==> flow/design.v <==
module mplex_top #(
   parameter BITS = 24,
   parameter NUM = 7,
   parameter LOGN = $clog2(NUM)
) (
   input i_clk,
   input RSTN,
   input [NUM*BITS-1:0] ch_i,
   input [LOGN-1:0] sel_i,
   output [BITS-1:0] y_o
);
   reg [NUM*BITS-1:0] ch_ff;
   reg [LOGN-1:0] sel_ff;
   always @(posedge i_clk) begin
      if (~RSTN) begin
         ch_ff <= 0;
         sel_ff <= 0;
      end else begin
         ch_ff <= ch_i;
         sel_ff <= sel_i;
      end
   end
   reg [BITS-1:0] tmp;
   integer idx;
   always @* begin
      tmp = 0;
      for (idx = 0; idx < NUM; idx = idx + 1)
         if (sel_ff == idx) tmp = ch_ff[idx*BITS +: BITS];
   end
   assign y_o = tmp;
endmodule
## Tool chain data of mplex_top

The steps from the RTL of mplex_top to its reports follow in flow order.
Line numbers count from 1 in the design file above.
Library cell names are shortened.
The mark - stands for no value.

| set-up | value |
|---|---|
| top module | mplex_top |
| clock | i_clk |
| library | sky130hd |
| timing corner | tt_025C_1v80 |

## Word level

Source: Yosys, flattened and elaborated, memories not mapped. Widths are those after wreduce; folded enables and synchronous resets count as part of the registers. Registers that Yosys merges into a memory's read port (data or address) are not register bits. Print and check cells do not count. Equal cells are merged and count once.

| storage and ports | value |
|---|---|
| output and inout bits | 24 |
| input port bits | 173 |
| register bits | 171 |

| operators by class | value |
|---|---|
| equal/unequal tests | 6 |
| reductions and logical operators | 1 |
| multiplexer cells | 7 |

Operator list:

| kind | number |
|---|---|
| 24-bit 2-to-1 mux | 7 |
| 3-bit equality test (second input constant) | 3 |
| 3-bit by 2-bit equality test with 1-bit output (second input constant) | 2 |
| 3-bit by 1-bit equality test with 1-bit output (second input constant) | 1 |
| 3-bit zero test | 1 |

## Depth

Longest topological path by Yosys (ltp), each cell counted once; first at word level (registers and memories cut), then after technology mapping (sequential cells cut; the memories' decode and read muxes count).

| logic depth | value |
|---|---|
| depth after elaboration | 8 |
| ABC_AREA | 0 |
| mapped depth | 7 |
| mapped depth without buffers | 4 |

## Netlist

Source: synth_stat.txt of the flow (Yosys; design flattened, memories mapped). It holds for the ABC_AREA given above (unset counts as 0); a run with the other value may have another netlist.

Cell types:

| cell type | number | area in all (um^2) |
|---|---|---|
| dfxtp_1 | 171 | 3.42E+03 |
| and2_1 | 171 | 1.07E+03 |
| a221oi_2 | 20 | 300.288 |
| mux2_2 | 23 | 258.998 |
| mux2i_1 | 24 | 240.23 |
| o2bb2ai_1 | 23 | 201.443 |
| o32ai_1 | 23 | 201.443 |
| nand2b_1 | 24 | 150.144 |
| a21oi_1 | 24 | 120.115 |
| buf_6 | 10 | 112.608 |
| nor2_1 | 24 | 90.086 |
| clkbuf_1 | 22 | 82.579 |
| buf_2 | 13 | 65.062 |
| buf_4 | 5 | 37.536 |
| a221oi_1 | 3 | 26.275 |
| mux4_2 | 1 | 22.522 |
| nand2_1 | 2 | 7.507 |
| and3_1 | 1 | 6.256 |

Not listed: further types 3, cells in them 3.

| mapped netlist | value |
|---|---|
| mapped area | 6431.2 um^2 |
| sequential part of the area | 3423.3 um^2 |
| mapped flip-flops | 171 |
| cells in the netlist | 587 |

## Timing after synthesis

Path of least setup slack by OpenSTA after synthesis, without wires, with an ideal clock, recovery checks aside; 20% of the period is set as input and as output delay. Where synthesis merged equal registers, the netlist keeps one of their names.

| timing after synthesis | value |
|---|---|
| path kind | reg-to-output |
| start | register sel_ff[1] |
| end | output y_o[18] |
| required time | 1.496 ns |
| slack | 0.298 ns |
| period | 1.87 ns |
| data arrival time | 1.198 ns |
| launch time at the first pin | 0.000 ns |
| delay of the path | 1.198 ns |
| path buffers | 2 |
| external output delay | 0.374 ns |
| stages on the path | 7 |
| period reached after synthesis | 1.572 ns |

"delay of the path" = arrival - input delay + setup time.
At an output port there is no setup time.
"stages on the path": output pins that drive a net of the path, with the launching flip-flop's if there is one; two outputs of one cell count as two.
"period reached after synthesis" = period - worst setup slack (recovery checks aside). The figure is calculated, with input and output delays left at 20% of the set period.
Between the ends stands the longest chain of elaborated cells between them, by number of cells; it is not shown to be the way that was timed. Of several equally long chains one is given.
Each line given opens the expression or statement behind the cell; cells for indexed reads and writes are added by Yosys, which also makes memories of some case tables.

| on the way, after synthesis | value |
|---|---|
| cell sequence | dfxtp_1 buf_6 buf_2 mux2i_1 o2bb2ai_1 a221oi_2 nor2_1 |
| cells in the longest elaborated chain | 8 |
| elaborated cells on any way between the ends | 14 |
| RTL lines with such cells | 1 |
| those cells by class | 6 x eq/ne; 7 x mux; 1 x reduce/logical |

Ends and longest elaborated chain, after synthesis:

| element | line | text |
|---|---|---|
| from (decl) | 13 | `reg [LOGN-1:0] sel_ff;` |
| from (assign) | 17 | `sel_ff <= 0;` |
| from (assign) | 20 | `sel_ff <= sel_i;` |
| 3-bit zero test | 28 | `if (sel_ff == idx) tmp = ch_ff[idx*BITS +: BITS];` |
| 24-bit 2-to-1 mux (7 in a row) | 28 |  |
| to (decl) | 10 | `output [BITS-1:0] y_o` |

## Worst path after layout

Path of least setup slack in the final report of flow run A (OpenROAD, finished layout, wires in). Where an end is a register, its clock arrival counts in the times.

| timing after layout | value |
|---|---|
| path kind | reg-to-output |
| start | register sel_ff[1] |
| end | output y_o[21] |
| stages on the path | 8 |
| period | 1.87 ns |
| launch time at the first pin | 0.42 ns |
| required time | 1.50 ns |
| external output delay | 0.37 ns |
| slack | -0.44 ns |
| data arrival time | 1.93 ns |
| path buffers | 3 |

Between the ends stands the longest chain of elaborated cells between them, by number of cells; it is not shown to be the way that was timed. Of several equally long chains one is given.

| on the way, after layout | value |
|---|---|
| cell sequence | dfxtp_4 buf_12 buf_12 mux2i_2 o2bb2ai_2 a221oi_2 nor2_1 buf_2 |
| cells in the longest elaborated chain | 8 |
| elaborated cells on any way between the ends | 14 |
| RTL lines with such cells | 1 |
| those cells by class | 6 x eq/ne; 7 x mux; 1 x reduce/logical |

Ends and longest elaborated chain, after layout:

| element | line | text |
|---|---|---|
| from (decl) | 13 | `reg [LOGN-1:0] sel_ff;` |
| from (assign) | 17 | `sel_ff <= 0;` |
| from (assign) | 20 | `sel_ff <= sel_i;` |
| 3-bit zero test | 28 | `if (sel_ff == idx) tmp = ch_ff[idx*BITS +: BITS];` |
| 24-bit 2-to-1 mux (7 in a row) | 28 |  |
| to (decl) | 10 | `output [BITS-1:0] y_o` |

Measured data: module mplex_top, platform sky130hd, 3 stored runs of the flow under differing settings, order arbitrary. Input and output delays are each 20% of the period that was set; the output load is 0.01 pF.
"achieved clock period": clock period set for the run, less the worst setup slack. It is reckoned from that one timing run; input and output delays stay at 20% of the period that was set.
"power": no workload was simulated; the value follows from the tool's default switching activity.
A setting shown as - is not set for that run.
Among the results, - means that no value is shown for the run.

| run | period_ns | CAP_MARGIN | CORE_MARGIN | CORE_UTILIZATION | SLEW_MARGIN | PLACE_DENSITY_LB_ADDON | ABC_AREA | CTS_CLUSTER_SIZE | CTS_CLUSTER_DIAMETER | MIN_ROUTING_LAYER | SETUP_SLACK_MARGIN | HOLD_SLACK_MARGIN | CELL_PAD_IN_SITES_DETAIL_PLACEMENT | TNS_END_PERCENT | GPL_TIMING_DRIVEN | smallest setup slack (ns) | die outline area (um^2) | synthesized cell area (um^2) | standard-cell area after layout (um^2) | achieved clock period (ns) | worst hold slack in the final report (ns) | power (uW) | final design utilization (%) |
|---|---|---|---|---|---|---|---|---|---|---|---|---|---|---|---|---|---|---|---|---|---|---|---|
| flow run A | 1.87 | 20 | 2 | 40 | 20 | - | - | - | - | - | - | - | - | - | - | -0.438 | 17108.6 | 6431.2 | 10163.5 | 2.308 | 0.453 | 8510 | 64.2 |
| flow run B | 1.04 | 25 | 7 | 67 | 20 | 0.13 | 1 | 95 | 22 | met1 | - | - | - | - | - | - | - | - | - | - | - | - | - |
| flow run C | 2.55 | 0 | 2 | 37 | 20 | 0.18 | - | - | 193 | met1 | 0.52 | 0.16 | 2 | 35 | 0 | -0.185 | 18452.5 | 6431.2 | 10368.7 | 2.735 | 0.631 | 7112 | 60.6 |

Flow run B: incomplete, clock tree synthesis halted on DPL-0038
